==> flow/design.v <==
module core_ram_block #(
    parameter NREGS = 8,
    parameter BITS = 20,
    parameter RP = 4,
    parameter WPORTS = 6,
    parameter ADDR_W = $clog2(NREGS)
) (
    input  wire ck,
    input  wire [WPORTS-1:0] wen,
    input  wire [WPORTS*ADDR_W-1:0] wsel,
    input  wire [WPORTS*BITS-1:0] write_data,
    input  wire [RP*ADDR_W-1:0] rd_idx,
    output wire [RP*BITS-1:0] q
);
    reg [BITS-1:0] ram [NREGS-1:0];
    integer n;
    always @(posedge ck) begin
        for (n = 0; n < WPORTS; n = n + 1)
            if (wen[n]) ram[wsel[n*ADDR_W +: ADDR_W]] <= write_data[n*BITS +: BITS];
    end
    wire [RP*BITS-1:0] work;
    genvar m;
    generate
        for (m = 0; m < RP; m = m + 1) begin : slice
            assign work[m*BITS +: BITS] = ram[rd_idx[m*ADDR_W +: ADDR_W]];
        end
    endgenerate
    assign q = work;
endmodule
# --- Step by step through the tools: core_ram_block ---
# What the tools print for core_ram_block, step after step.
# Lines are those of the file above, counted from 1.
# Operators carry their Yosys type and port widths (W data, S select, Z words).
setup:
  design: "core_ram_block"
  clock_port: "ck"
  library: "sky130hd"
  lib_corner: "tt_025C_1v80"

# --- After elaboration ---
# Counts by Yosys on the flattened word-level netlist (proc, flatten, opt, wreduce; memories kept). Register bits leave out memories and registers merged into their read ports (data or address); mux counts leave out enables and synchronous resets folded into registers. Print and check cells are left out. Cells with the same type and inputs are merged into one.
# Yosys's memory passes give these memory sizes; they may raise the number of words (mostly to a power of two), join words into wider ones and drop unused or constant bits.
word_totals:
  register_bits: 0
  mem_bits_rw: 160
  memories: 1
  input_bits: 157
  out_inout_bits: 80
  wordCells: 19
memory_table:
  columns: ["memory", "words", "word_bits", "read_ports", "write_ports", "line_no", "text"]
  rows:
  - ["ram", 8, 20, 4, 6, 15, "reg [BITS-1:0] ram [NREGS-1:0];"]
op_classes:
  mux: 18
ops:
  columns: ["operator", "n"]
  rows:
  - ["$mux W20", 6]
  - ["$mux W3", 6]
  - ["$mux W1", 6]

# --- Depth ---
# Yosys ltp: most cells in a row. Word level: on the elaborated netlist, between registers, memories and ports. Mapped: between sequential cells and ports; inverters and the memories' decode and read muxes count.
logic_depth:
  depth_word: 1
  ABC_AREA: 1
  ltp_mapped: 12
  ltp_nobuf: 10

# --- Mapped cells and area ---
# Source: synth_stat.txt of the flow (Yosys; design flattened, memories mapped). It holds for the ABC_AREA given above (unset counts as 0); a run with the other value may have another netlist.
# Totals and module areas in this step are rounded.
by_type:
  columns: ["cell_type", "n", "type_area_um2"]
  rows:
  - ["sky130_fd_sc_hd__nand2_1", 1439, 5401.43]
  - ["sky130_fd_sc_hd__edfxtp_1", 160, 4.8E+03]
  - ["sky130_fd_sc_hd__o21ai_0", 746, 3.73E+03]
  - ["sky130_fd_sc_hd__inv_1", 526, 1.97E+03]
  - ["sky130_fd_sc_hd__nand3_1", 353, 1.77E+03]
  - ["sky130_fd_sc_hd__a21oi_1", 218, 1.09E+03]
  - ["sky130_fd_sc_hd__nor2_1", 244, 915.878]
  - ["sky130_fd_sc_hd__clkbuf_1", 220, 825.792]
  - ["sky130_fd_sc_hd__buf_2", 80, 400.384]
  - ["sky130_fd_sc_hd__o21ai_1", 24, 120.115]
  - ["sky130_fd_sc_hd__buf_4", 15, 112.608]
  - ["sky130_fd_sc_hd__buf_1", 29, 108.854]
  - ["sky130_fd_sc_hd__nor2_4", 5, 56.304]
  - ["sky130_fd_sc_hd__nand4_1", 7, 43.792]
  - ["sky130_fd_sc_hd__nor2_2", 4, 25.024]
  - ["sky130_fd_sc_hd__inv_2", 6, 22.522]
  - ["sky130_fd_sc_hd__clkbuf_2", 4, 20.019]
  - ["sky130_fd_sc_hd__nor3_1", 3, 15.014]
# Not listed: further types 5, cells in them 8.
synth_totals:
  stdcells: 4091
  mapped_area_mm2: 0.02149
  sequential_area_mm2: 0.004805
  ff_cells: 160
  buffers: 349

# --- Worst setup path after synthesis ---
# Path of least setup slack by OpenSTA after synthesis, without wires, with an ideal clock, recovery checks aside; 20% of the period is set as input and as output delay. Where synthesis merged equal registers, the netlist keeps one of their names.
synth_path:
  path_type: "input to register"
  startpoint: "input wsel[1]"
  endpoint: "memory ram[2][0]"
  clock_period_ps: 2940
  in_delay_ps: 588
  setup_ps: 405
  t_first_pin_ps: 588
  arrival_time_ps: 1979
  required_time_ps: 2535
  slack_ps: 556
  path_delay_ps: 1796
  path_stages: 3
  n_path_buf: 0
  period_less_setup_slack_ps: 2384
# "path_delay_ps" = arrival - input delay + setup time.
# "path_stages" counts driving pins, that of a launching flip-flop among them; a cell with two outputs on the path counts twice.
# "period_less_setup_slack_ps" = period - worst setup slack (recovery checks aside). The figure is calculated, with input and output delays left at 20% of the set period.
# Between the ends stands the longest chain of elaborated cells between them, by number of cells; it is not shown to be the way that was timed. Of several equally long chains one is given.
# Each line given opens the expression or statement behind the cell; cells for indexed reads and writes are added by Yosys, which also makes memories of some case tables.
synth_via:
  path_cell_list: "sky130_fd_sc_hd__inv_1 sky130_fd_sc_hd__or2_2 sky130_fd_sc_hd__o2111ai_1"
  elab_chain_cells: 1
  cells_between: 1
  cone_lines: 1
  classes_between: "mux: 1"
synth_lines:
  columns: ["element", "line_no", "text"]
  rows:
  - ["from (decl)", 10, "input  wire [WPORTS*ADDR_W-1:0] wsel,"]
  - ["$mux W3", 19, "if (wen[n]) ram[wsel[n*ADDR_W +: ADDR_W]] <= write_data[n*BITS +: BITS];"]
  - ["to (decl)", 15, "reg [BITS-1:0] ram [NREGS-1:0];"]

# --- Path in the finished layout ---
# From the final timing report of flow run A: the path of least setup slack in the routed layout; clock arrival at registers is part of the times.
# The report prints the path's times to 10 ps; the period is as set.
layout_path:
  path_type: "input to output"
  startpoint: "input rd_idx[1]"
  endpoint: "output q[1]"
  clock_period_ps: 4490
  in_delay_ps: 900
  out_delay_ps: 900
  t_first_pin_ps: 900
  arrival_time_ps: 2790
  required_time_ps: 3590
  slack_ps: 800
  path_stages: 7
  n_path_buf: 3
# Between the ends stands the longest chain of elaborated cells between them, by number of cells; it is not shown to be the way that was timed. Of several equally long chains one is given.
# The chain passes a memory read, where the word-level depth is cut; so it can be longer than that depth.
layout_via:
  path_cell_list: "sky130_fd_sc_hd__buf_2 sky130_fd_sc_hd__buf_12 sky130_fd_sc_hd__o21ai_0 sky130_fd_sc_hd__o21ai_0 sky130_fd_sc_hd__nand2_1 sky130_fd_sc_hd__nand2_1 sky130_fd_sc_hd__clkdlybuf4s50_1"
  elab_chain_cells: 1
  cells_between: 1
  cone_lines: 1
  classes_between: "memory: 1"
layout_lines:
  columns: ["element", "line_no", "text"]
  rows:
  - ["from (decl)", 12, "input  wire [RP*ADDR_W-1:0] rd_idx,"]
  - ["$mem_v2 Z8 W20", 15, "reg [BITS-1:0] ram [NREGS-1:0];"]
  - ["to (decl)", 13, "output wire [RP*BITS-1:0] q"]

Hand-over note for core_ram_block

Design core_ram_block on sky130hd. What follows are 3 stored runs of the flow, each under its own settings; their order means nothing. The constraints put input and output delay at 20% of the set period each and load the outputs with 0.01 pF.
"worst_setup_path_time_ps": the worst setup path's part of the clock period (all of it between registers, 20% less for each end at a port) less its slack. A launch clock that arrives late makes it longer, a capture clock that arrives late makes it shorter.
"worst_setup_path_time_ps" is known to 10 ps.
Measured values are rounded.

--- flow run A ---
==> flow/run.sh <==
#!/bin/bash
# the make line also repeats the synthesis and layout settings of config.mk as NAME=value (left out here)
make -C /OpenROAD-flow-scripts/flow DESIGN_CONFIG=/design/flow/config.mk WORK_HOME=/design/flow/orfs CLKGATE_MAP_FILE= finish
==> flow/config.mk <==
export PLATFORM = sky130hd
export DESIGN_NAME = core_ram_block
export DESIGN_NICKNAME = core_ram_block
export VERILOG_FILES = /design/flow/design.v
export SDC_FILE = /design/flow/constraint.sdc
export NUM_CORES = 4
export LEC_CHECK = 0
export ABC_AREA = 1
export CAP_MARGIN = 25
export CELL_PAD_IN_SITES_GLOBAL_PLACEMENT = 3
export CORE_ASPECT_RATIO = 0.54
export CORE_MARGIN = 2
export CORE_UTILIZATION = 26
export GPL_ROUTABILITY_DRIVEN = 0
export GPL_TIMING_DRIVEN = 1
export MAX_ROUTING_LAYER = met4
export MIN_ROUTING_LAYER = met1
export PLACE_DENSITY = 0.9
export SLEW_MARGIN = 20
export TNS_END_PERCENT = 60
==> flow/constraint.sdc <==
create_clock -name core_clock -period 4.49 [get_ports {ck}]
set_input_delay 0.8980 -clock core_clock [delete_from_list [all_inputs] [get_ports {ck}]]
set_output_delay 0.8980 -clock core_clock [all_outputs]
set_load 0.01 [all_outputs]

==> results, as YAML <==
results:
  worst_setup_path_time_ps: 1890
  timing.worst_path_kind: "input to output"
  synth_chip_area_mm2: 0.02149
  cell_area_final_mm2: 0.02532
  total_negative_slack_ps: 0
  worst_hold_slack_ps: 1274
  timing.setup.ws_ps: 802
  total_die_area_mm2: 0.08507

--- flow run B ---
==> flow/run.sh <==
#!/bin/bash
# the make line also repeats the synthesis and layout settings of config.mk as NAME=value (left out here)
make -C /OpenROAD-flow-scripts/flow DESIGN_CONFIG=/design/flow/config.mk WORK_HOME=/design/flow/orfs CLKGATE_MAP_FILE= finish
==> flow/config.mk <==
export PLATFORM = sky130hd
export DESIGN_NAME = core_ram_block
export DESIGN_NICKNAME = core_ram_block
export VERILOG_FILES = /design/flow/design.v
export SDC_FILE = /design/flow/constraint.sdc
export NUM_CORES = 4
export LEC_CHECK = 0
export CAP_MARGIN = 20
export CORE_MARGIN = 2
export CORE_UTILIZATION = 40
export SLEW_MARGIN = 20
==> flow/constraint.sdc <==
create_clock -name core_clock -period 2.94 [get_ports {ck}]
set_input_delay 0.5880 -clock core_clock [delete_from_list [all_inputs] [get_ports {ck}]]
set_output_delay 0.5880 -clock core_clock [all_outputs]
set_load 0.01 [all_outputs]

==> results, as YAML <==
results:
  worst_setup_path_time_ps: 2310
  timing.worst_path_kind: "register to output"
  synth_chip_area_mm2: 0.01742
  cell_area_final_mm2: 0.02271
  total_negative_slack_ps: 0
  worst_hold_slack_ps: 1061
  timing.setup.ws_ps: 43
  total_die_area_mm2: 0.04523

--- flow run C ---
==> flow/run.sh <==
#!/bin/bash
# the make line also repeats the synthesis and layout settings of config.mk as NAME=value (left out here)
make -C /OpenROAD-flow-scripts/flow DESIGN_CONFIG=/design/flow/config.mk WORK_HOME=/design/flow/orfs CLKGATE_MAP_FILE= finish
==> flow/config.mk <==
export PLATFORM = sky130hd
export DESIGN_NAME = core_ram_block
export DESIGN_NICKNAME = core_ram_block
export VERILOG_FILES = /design/flow/design.v
export SDC_FILE = /design/flow/constraint.sdc
export NUM_CORES = 4
export LEC_CHECK = 0
export CAP_MARGIN = 30
export CELL_PAD_IN_SITES_DETAIL_PLACEMENT = 1
export CORE_MARGIN = 2
export CORE_UTILIZATION = 65
export CTS_CLUSTER_DIAMETER = 211
export CTS_CLUSTER_SIZE = 58
export GPL_ROUTABILITY_DRIVEN = 0
export GPL_TIMING_DRIVEN = 1
export HOLD_SLACK_MARGIN = -0.06
export MIN_ROUTING_LAYER = met1
export PLACE_DENSITY = 0.59
export SLEW_MARGIN = 20
==> flow/constraint.sdc <==
create_clock -name core_clock -period 2.66 [get_ports {ck}]
set_input_delay 0.5320 -clock core_clock [delete_from_list [all_inputs] [get_ports {ck}]]
set_output_delay 0.5320 -clock core_clock [all_outputs]
set_load 0.01 [all_outputs]

==> results, as YAML <==
outcome: "incomplete, placement halted on DPL-0033"

End of note.
